==> flow/design.v <==
module cpu_data_mux_top #(
    parameter int WD = 16
) (
    input  logic sys_clk,
    input  logic enable,
    input  logic [WD-1:0] src0,
    input  logic [WD-1:0] src1,
    input  logic [WD-1:0] src2,
    input  logic [1:0] choose,
    output logic [WD-1:0] out
);
    logic [WD-1:0] src0_ff;
    logic [WD-1:0] src1_ff;
    logic [WD-1:0] src2_ff;
    logic [1:0] choose_ff;
    always_ff @(posedge sys_clk) begin
        if (enable) begin
            src0_ff <= src0;
            src1_ff <= src1;
            src2_ff <= src2;
            choose_ff <= choose;
        end
    end
    logic [WD-1:0] val;
    assign val =
        (choose_ff == 2'd0) ? src0_ff :
        (choose_ff == 2'd1) ? src1_ff :
        src2_ff;
    assign out = val;
endmodule
# Reports on cpu_data_mux_top
# Tool output for the design above, in the order of the flow.
# Line numbers count from 1 in the design file above.
# Operators carry their Yosys type and port widths (W data, S select, Z words).
# Cell names lack the library's common part.
# A cell with -- has no value.
[inputs]
top_module = "cpu_data_mux_top"
clock = "sys_clk"
cell_library = "sky130hd"
lib_corner = "tt_025C_1v80"

# Word level
# Yosys after proc, flatten, opt, wreduce and memory -nomap, before mapping. Enables and synchronous resets that opt folds into registers are not counted as muxes. Memory bits, and registers merged into a memory's read port (data or address), are not among the register bits. Print and check cells are not counted. Equal cells are merged and count once.
[bits]
inputBits = 52
reg_bits = 50
out_inout_bits = 16
word_cells = 8
[op_classes]
n_eq = 1
reduce_and_logical = 1
mux = 2
[op_table]
columns = ["operator", "count"]
rows = [
  ["$mux W16", 2],
  ["$eq A2 B1 Y1 const B", 1],
  ["$logic_not A2 Y1", 1],
]

# Longest topological paths
# Yosys ltp: most cells in a row. Word level: on the elaborated netlist, between registers, memories and ports. Mapped: between sequential cells and ports; inverters and the memories' decode and read muxes count.
[depth]
ltp_word = 3
ABC_AREA = 1
depth_mapped = 5
mapped_depth_nobuf = 3

# Netlist
# The flow's flattened synthesis, as Yosys stat reports it; memories are mapped. The netlist is that of the ABC_AREA named above (0 if unset); the other value can give another one.
[mapped]
mapped_area_um2 = 1869.3
ff_cells = 50
stdcells = 122
[by_type]
columns = ["cell_type", "count", "area_total_um2"]
rows = [
  ["edfxtp_1", 50, 1501.44],
  ["nand3_1", 32, 160.154],
  ["nand2_1", 32, 120.115],
  ["buf_6", 3, 33.782],
  ["nor2_8", 1, 20.019],
  ["buf_8", 1, 15.014],
  ["buf_4", 1, 7.507],
  ["inv_4", 1, 6.256],
  ["buf_2", 1, 5.005],
]

# Timing after synthesis
# Path of least setup slack by OpenSTA after synthesis, without wires, with an ideal clock, recovery checks aside; 20% of the period is set as input and as output delay. Where synthesis merged equal registers, the netlist keeps one of their names.
[synth_timing]
path_type = "register to output"
from = "reg (name not given)"
to = "out out[10]"
path_buffers = 2
delay_ns = 0.908
period_ns = 1.49
arrival_time_ns = 0.908
out_delay_ns = 0.298
path_stages = 6
setup_slack_ns = 0.284
required_ns = 1.192
synth_period_reached_ns = 1.206
# "delay_ns" is the arrival time less input delay plus setup time.
# A path that ends at an output port has no setup time.
# "path_stages" counts driving pins, that of a launching flip-flop among them; a cell with two outputs on the path counts twice.
# "synth_period_reached_ns" is the clock period less the worst setup slack; recovery checks do not enter. This is arithmetic on one report: input and output delays are still those of the set period (20% each).
# The rows between start and end are the longest chain of elaborated cells between them; the timing report does not say that the signal goes this way. Where chains are equally long, one stands for them.
# Each line given opens the expression or statement behind the cell; cells for indexed reads and writes are added by Yosys, which also makes memories of some case tables.
[synth_via]
path_cell_list = "edfxtp_1 buf_6 nor2_8 buf_8 nand2_1 nand3_1"
elab_chain_cells = 3
cone_cells = 4
cone_lines = 2
[synth_rtl]
columns = ["item", "line", "text"]
rows = [
  ["start, declared", 15, ""],
  ["start, assigned", 21, ""],
  ["$eq A2 B1 Y1", 27, ""],
  ["$mux W16", 27, ""],
  ["$mux W16", 26, ""],
  ["end, declared", 10, "output logic [WD-1:0] out"],
]

# Path in the finished layout
# Path of least setup slack in the final report of run 1 (OpenROAD, finished layout, wires in). Where an end is a register, its clock arrival counts in the times.
[layout_timing]
path_type = "register to output"
from = "reg (name not given)"
to = "out out[13]"
required_ns = 0.86
period_ns = 1.07
path_stages = 7
arrival_time_ns = 1.39
path_buffers = 3
out_delay_ns = 0.21
setup_slack_ns = -0.53
# The rows between start and end are the longest chain of elaborated cells between them; the timing report does not say that the signal goes this way. Where chains are equally long, one stands for them.
[layout_via]
path_cell_list = "edfxtp_1 buf_12 nor2_8 buf_12 nand2_2 nand3_2 buf_6"
elab_chain_cells = 3
cone_cells = 4
cone_lines = 2
[layout_rtl]
columns = ["item", "line", "text"]
rows = [
  ["start, declared", 15, ""],
  ["start, assigned", 21, ""],
  ["$eq A2 B1 Y1", 27, ""],
  ["$mux W16", 27, ""],
  ["$mux W16", 26, ""],
  ["end, declared", 10, "output logic [WD-1:0] out"],
]

# Design cpu_data_mux_top on sky130hd. What follows are 3 stored runs of the flow, each under its own settings; their order means nothing. The constraints put input and output delay at 20% of the set period each and load the outputs with 0.01 pF.
# "clock_period_reached_ns" is the run's clock period less its worst setup slack. It is reckoned from that one timing run; input and output delays stay at 20% of the period that was set.
# "fin_power_uw": no workload was simulated; the value follows from the tool's default switching activity.

[[run]]
name = "run 1"
[run.settings]
period_ns = 1.07
CORE_UTILIZATION = 26
PLACE_DENSITY_LB_ADDON = 0.08
CELL_PAD_IN_SITES_GLOBAL_PLACEMENT = 2
CELL_PAD_IN_SITES_DETAIL_PLACEMENT = 1
ABC_AREA = 1
GPL_ROUTABILITY_DRIVEN = 0
CAP_MARGIN = 20
CORE_MARGIN = 2
SLEW_MARGIN = 20
[run.results]
fin_power_uw = 4236
final_cell_area_um2 = 3036.7
fin_ws_ns = -0.533
clock_period_reached_ns = 1.603
design.die.area_um2 = 7883.7
synthesis_area_um2 = 1869.3

[[run]]
name = "run 2"
[run.settings]
period_ns = 1.49
CAP_MARGIN = 20
CORE_MARGIN = 2
CORE_UTILIZATION = 40
SLEW_MARGIN = 20
[run.results]
fin_power_uw = 3173
final_cell_area_um2 = 2655.1
fin_ws_ns = -0.140
clock_period_reached_ns = 1.630
design.die.area_um2 = 5173.2
synthesis_area_um2 = 1845.5

[[run]]
name = "run 3"
[run.settings]
period_ns = 1.22
CORE_UTILIZATION = 55
PLACE_DENSITY = 0.73
CORE_ASPECT_RATIO = 1.17
CORE_MARGIN = 9
TNS_END_PERCENT = 15
ABC_AREA = 0
GPL_ROUTABILITY_DRIVEN = 0
CTS_CLUSTER_DIAMETER = 104
CAP_MARGIN = 20
SLEW_MARGIN = 20
[run.results]
fin_power_uw = 3230
final_cell_area_um2 = 2577.5
fin_ws_ns = -0.508
clock_period_reached_ns = 1.728
design.die.area_um2 = 5771.3
synthesis_area_um2 = 1845.5
